==> flow/design.v <==
module my_mult #(
    parameter DW = 14
) (
    input  ck,
    input  nrst,
    input  [DW-1:0] a,
    input  [DW-1:0] b,
    output reg [2*DW-1:0] result
);
    reg [DW-1:0] r_a;
    reg [DW-1:0] r_b;
    always @(posedge ck) begin
        if (!nrst) begin
            r_a <= 0;
            r_b <= 0;
            result <= 0;
        end else begin
            r_a <= a;
            r_b <= b;
            result <= r_a * r_b;
        end
    end
endmodule
# Tool chain data of my_mult
# Tool output for the design above, in the order of the flow.
# Lines are those of the file above, counted from 1.
# Operators carry their Yosys type and port widths (W data, S select, Z words).
# Not given: --
[design]
design = "my_mult"
clock = "ck"
cell_library = "sky130hd"
corner = "tt_025C_1v80"

# Elaborated design
# Yosys after proc, flatten, opt, wreduce and memory -nomap, before mapping. Enables and synchronous resets that opt folds into registers are not counted as muxes. Memory bits, and registers merged into a memory's read port (data or address), are not among the register bits. Print and check cells are not counted. Equal cells are merged and count once.
[word_totals]
out_inout_bits = 28
word_cells = 4
ff_bits = 56
inputBits = 30
[op_classes]
multipliers = 1
[ops]
columns = ["cell", "count"]
rows = [
  ["$mul A14 B14 Y28", 1],
]

# Depth
# Depth = most cells in a row (Yosys ltp): at word level without a register or memory, in the mapped netlist without a sequential cell, where the memories' decode and read muxes count.
[logic_depth]
ltp_word = 1
abc_area = 1
depth_mapped = 27
depth_no_buf = 26

# After synthesis
# The flow's flattened synthesis, as Yosys stat reports it; memories are mapped. The netlist is that of the ABC_AREA named above (0 if unset); the other value can give another one.
[synth_totals]
cells = 1228
seq_area_um2 = 1121.1
area_um2 = 8765.9
buffers = 34
flip_flops = 56
[types]
columns = ["type", "count", "area_total_um2"]
rows = [
  ["sky130_fd_sc_hd__fa_1", 141, 2.82E+03],
  ["sky130_fd_sc_hd__inv_1", 386, 1448.89],
  ["sky130_fd_sc_hd__nand2_1", 380, 1.43E+03],
  ["sky130_fd_sc_hd__ha_1", 92, 1.15E+03],
  ["sky130_fd_sc_hd__dfxtp_1", 56, 1.12E+03],
  ["sky130_fd_sc_hd__nor2_1", 59, 221.462],
  ["sky130_fd_sc_hd__a21oi_1", 28, 140.134],
  ["sky130_fd_sc_hd__clkbuf_1", 33, 123.869],
  ["sky130_fd_sc_hd__nand3_1", 19, 95.091],
  ["sky130_fd_sc_hd__o21ai_0", 10, 50.048],
  ["sky130_fd_sc_hd__and2_1", 5, 31.28],
  ["sky130_fd_sc_hd__xnor2_1", 3, 26.275],
  ["sky130_fd_sc_hd__a21oi_2", 2, 17.517],
  ["sky130_fd_sc_hd__o21bai_1", 2, 15.014],
  ["sky130_fd_sc_hd__nand2_2", 2, 12.512],
  ["sky130_fd_sc_hd__nor2_2", 2, 12.512],
  ["sky130_fd_sc_hd__or2_0", 2, 12.512],
  ["sky130_fd_sc_hd__nor3_1", 2, 10.01],
]
# Not listed: further types 4, cells in them 4.

# Timing after synthesis
# Source: OpenSTA report_checks on the synthesized netlist (no wires, ideal clock, input and output delay 20% of the period each), path of least setup slack; recovery checks are left aside. Register names are those of the netlist, which keeps one name where synthesis merged equal registers.
[synth_path]
kind = "reg2reg"
startpoint = "reg r_b[2]"
endpoint = "reg result[14]"
launch_ns = 0.000
path_slack_ns = 1.553
tclk_ns = 6.59
driving_pins = 24
delay_ns = 5.037
setup_ns = 0.115
arrival_ns = 4.922
t_required_ns = 6.475
path_buffers = 1
synth_period_reached_ns = 5.037
# "delay_ns" = arrival - input delay + setup time.
# "driving_pins" counts driving pins, that of a launching flip-flop among them; a cell with two outputs on the path counts twice.
# "synth_period_reached_ns" is the clock period less the worst setup slack; recovery checks do not enter. This is arithmetic on one report: input and output delays are still those of the set period (20% each).
# The rows between start and end are the longest chain of elaborated cells between them; the timing report does not say that the signal goes this way. Where chains are equally long, one stands for them.
# Each line given opens the expression or statement behind the cell; cells for indexed reads and writes are added by Yosys, which also makes memories of some case tables.
[synth_between]
cell_sequence = "sky130_fd_sc_hd__dfxtp_1 > sky130_fd_sc_hd__clkbuf_1 > sky130_fd_sc_hd__nand2_1 > sky130_fd_sc_hd__inv_1 > sky130_fd_sc_hd__fa_1 > sky130_fd_sc_hd__inv_1 > sky130_fd_sc_hd__fa_1 > sky130_fd_sc_hd__inv_1 > sky130_fd_sc_hd__fa_1 > sky130_fd_sc_hd__inv_1 > sky130_fd_sc_hd__fa_1 > sky130_fd_sc_hd__inv_1 > sky130_fd_sc_hd__fa_1 > sky130_fd_sc_hd__inv_1 > sky130_fd_sc_hd__fa_1 > sky130_fd_sc_hd__inv_1 > sky130_fd_sc_hd__ha_1 > sky130_fd_sc_hd__nand2_1 > sky130_fd_sc_hd__nor2_2 > sky130_fd_sc_hd__nand3_1 > sky130_fd_sc_hd__nand2_2 > sky130_fd_sc_hd__a21oi_2 > sky130_fd_sc_hd__or2_0 > sky130_fd_sc_hd__and2_1"
elab_chain_len = 1
cells_between = 1
lines_between = 1
cone_classes = "mul: 1"
[synth_rtl]
columns = ["element", "line_no", "source"]
rows = [
  ["start, declared", 11, "reg [DW-1:0] r_b;"],
  ["start, assigned", 15, "r_b <= 0;"],
  ["start, assigned", 19, "r_b <= b;"],
  ["$mul A14 B14 Y28", 20, "result <= r_a * r_b;"],
  ["end, assigned", 16, "result <= 0;"],
  ["end, assigned", 20, ""],
  ["end, declared", 8, "output reg [2*DW-1:0] result"],
]

# Path in the finished layout
# Path of least setup slack in the final report of stored run 1 (OpenROAD, finished layout, wires in). Where an end is a register, its clock arrival counts in the times.
[layout_path]
kind = "reg2reg"
startpoint = "reg r_b[2]"
endpoint = "reg result[27]"
path_buffers = 1
t_required_ns = 5.45
setup_ns = 0.06
arrival_ns = 5.25
path_slack_ns = 0.19
launch_ns = 0.31
tclk_ns = 5.18
driving_pins = 23
# The rows between start and end are the longest chain of elaborated cells between them; the timing report does not say that the signal goes this way. Where chains are equally long, one stands for them.
[layout_between]
cell_sequence = "sky130_fd_sc_hd__dfxtp_4 > sky130_fd_sc_hd__buf_6 > sky130_fd_sc_hd__nand2_2 > sky130_fd_sc_hd__inv_2 > sky130_fd_sc_hd__fa_1 > sky130_fd_sc_hd__inv_1 > sky130_fd_sc_hd__fa_1 > sky130_fd_sc_hd__inv_1 > sky130_fd_sc_hd__fa_1 > sky130_fd_sc_hd__fa_1 > sky130_fd_sc_hd__fa_1 > sky130_fd_sc_hd__inv_1 > sky130_fd_sc_hd__fa_1 > sky130_fd_sc_hd__inv_2 > sky130_fd_sc_hd__ha_4 > sky130_fd_sc_hd__nand2_4 > sky130_fd_sc_hd__nor2_4 > sky130_fd_sc_hd__nand2_2 > sky130_fd_sc_hd__nor3_2 > sky130_fd_sc_hd__nand2_1 > sky130_fd_sc_hd__nand3_1 > sky130_fd_sc_hd__nand2_1 > sky130_fd_sc_hd__nor2_2"
elab_chain_len = 1
cells_between = 1
lines_between = 1
cone_classes = "mul: 1"
[layout_rtl]
columns = ["element", "line_no", "source"]
rows = [
  ["start, declared", 11, "reg [DW-1:0] r_b;"],
  ["start, assigned", 15, "r_b <= 0;"],
  ["start, assigned", 19, "r_b <= b;"],
  ["$mul A14 B14 Y28", 20, "result <= r_a * r_b;"],
  ["end, assigned", 16, "result <= 0;"],
  ["end, assigned", 20, ""],
  ["end, declared", 8, "output reg [2*DW-1:0] result"],
]

Subject: flow runs of my_mult

Hi,

Measured data: module my_mult, platform sky130hd, 3 stored runs of the flow under differing settings, order arbitrary. Input and output delays are each 20% of the period that was set; the output load is 0.01 pF.
"period_less_ws_ns": clock period set for the run, less the worst setup slack. It is reckoned from that one timing run; input and output delays stay at 20% of the period that was set.
"worst_setup_path_time_ns" means the part of the period allowed to the worst setup path (the constraints hold back 20% at inputs and 20% at outputs) less its slack; where the path has registers, the arrival times of their clocks count too.
By "final_power_uw" is meant OpenSTA's value without simulated activity: inputs other than the clock are taken to toggle once in ten clock periods, and the tool carries that through the logic.

# stored run 1
==> flow/run.sh <==
#!/bin/bash
# the make line also repeats the synthesis and layout settings of config.mk as NAME=value (left out here)
make -C /OpenROAD-flow-scripts/flow DESIGN_CONFIG=/design/flow/config.mk WORK_HOME=/design/flow/orfs CLKGATE_MAP_FILE= finish
==> flow/config.mk <==
export PLATFORM = sky130hd
export DESIGN_NAME = my_mult
export DESIGN_NICKNAME = my_mult
export VERILOG_FILES = /design/flow/design.v
export SDC_FILE = /design/flow/constraint.sdc
export NUM_CORES = 4
export LEC_CHECK = 0
export ABC_AREA = 1
export CAP_MARGIN = 20
export CORE_ASPECT_RATIO = 1.02
export CORE_MARGIN = 2
export CORE_UTILIZATION = 15
export CTS_CLUSTER_SIZE = 16
export MIN_ROUTING_LAYER = met1
export PLACE_DENSITY_LB_ADDON = 0.25
export SETUP_SLACK_MARGIN = 1.02
export SLEW_MARGIN = 35
==> flow/constraint.sdc <==
create_clock -name core_clock -period 5.18 [get_ports {ck}]
set_input_delay 1.0360 -clock core_clock [delete_from_list [all_inputs] [get_ports {ck}]]
set_output_delay 1.0360 -clock core_clock [all_outputs]
set_load 0.01 [all_outputs]

==> stored run 1: results <==
yosys_chip_area_um2=8765.9
die_area_um2=60388.6
cell_area_final_um2=11765.0
utilization_frac=0.204
setup_ws_ns=0.190
setup_tns_ns=0.000
ws_hold_ns=0.699
final_power_uw=2267
period_less_ws_ns=4.990
worst_setup_path_time_ns=4.99
worst_setup_path_type="reg2reg"

# stored run 2
==> flow/run.sh <==
#!/bin/bash
# the make line also repeats the synthesis and layout settings of config.mk as NAME=value (left out here)
make -C /OpenROAD-flow-scripts/flow DESIGN_CONFIG=/design/flow/config.mk WORK_HOME=/design/flow/orfs CLKGATE_MAP_FILE= finish
==> flow/config.mk <==
export PLATFORM = sky130hd
export DESIGN_NAME = my_mult
export DESIGN_NICKNAME = my_mult
export VERILOG_FILES = /design/flow/design.v
export SDC_FILE = /design/flow/constraint.sdc
export NUM_CORES = 4
export LEC_CHECK = 0
export CAP_MARGIN = 20
export CELL_PAD_IN_SITES_DETAIL_PLACEMENT = 2
export CELL_PAD_IN_SITES_GLOBAL_PLACEMENT = 1
export CORE_MARGIN = 2
export CORE_UTILIZATION = 40
export CTS_CLUSTER_SIZE = 86
export GPL_TIMING_DRIVEN = 0
export PLACE_DENSITY_LB_ADDON = 0.27
export SLEW_MARGIN = 20
export TNS_END_PERCENT = 85
==> flow/constraint.sdc <==
create_clock -name core_clock -period 4.81 [get_ports {ck}]
set_input_delay 0.9620 -clock core_clock [delete_from_list [all_inputs] [get_ports {ck}]]
set_output_delay 0.9620 -clock core_clock [all_outputs]
set_load 0.01 [all_outputs]

==> stored run 2: results <==
yosys_chip_area_um2=8371.8
die_area_um2=22102.8
cell_area_final_um2=11018.1
utilization_frac=0.541
setup_ws_ns=-1.254
setup_tns_ns=-20.647
ws_hold_ns=0.585
final_power_uw=3216
period_less_ws_ns=6.064
worst_setup_path_time_ns=6.06
worst_setup_path_type="reg2reg"

# stored run 3
==> flow/run.sh <==
#!/bin/bash
# the make line also repeats the synthesis and layout settings of config.mk as NAME=value (left out here)
make -C /OpenROAD-flow-scripts/flow DESIGN_CONFIG=/design/flow/config.mk WORK_HOME=/design/flow/orfs CLKGATE_MAP_FILE= finish
==> flow/config.mk <==
export PLATFORM = sky130hd
export DESIGN_NAME = my_mult
export DESIGN_NICKNAME = my_mult
export VERILOG_FILES = /design/flow/design.v
export SDC_FILE = /design/flow/constraint.sdc
export NUM_CORES = 4
export LEC_CHECK = 0
export CAP_MARGIN = 20
export CORE_MARGIN = 2
export CORE_UTILIZATION = 40
export SLEW_MARGIN = 20
==> flow/constraint.sdc <==
create_clock -name core_clock -period 6.59 [get_ports {ck}]
set_input_delay 1.3180 -clock core_clock [delete_from_list [all_inputs] [get_ports {ck}]]
set_output_delay 1.3180 -clock core_clock [all_outputs]
set_load 0.01 [all_outputs]

==> stored run 3: results <==
yosys_chip_area_um2=8371.8
die_area_um2=22102.8
cell_area_final_um2=9295.2
utilization_frac=0.456
setup_ws_ns=0.635
setup_tns_ns=0.000
ws_hold_ns=0.694
final_power_uw=1476
period_less_ws_ns=5.955
worst_setup_path_time_ns=5.96
worst_setup_path_type="reg2reg"

Regards
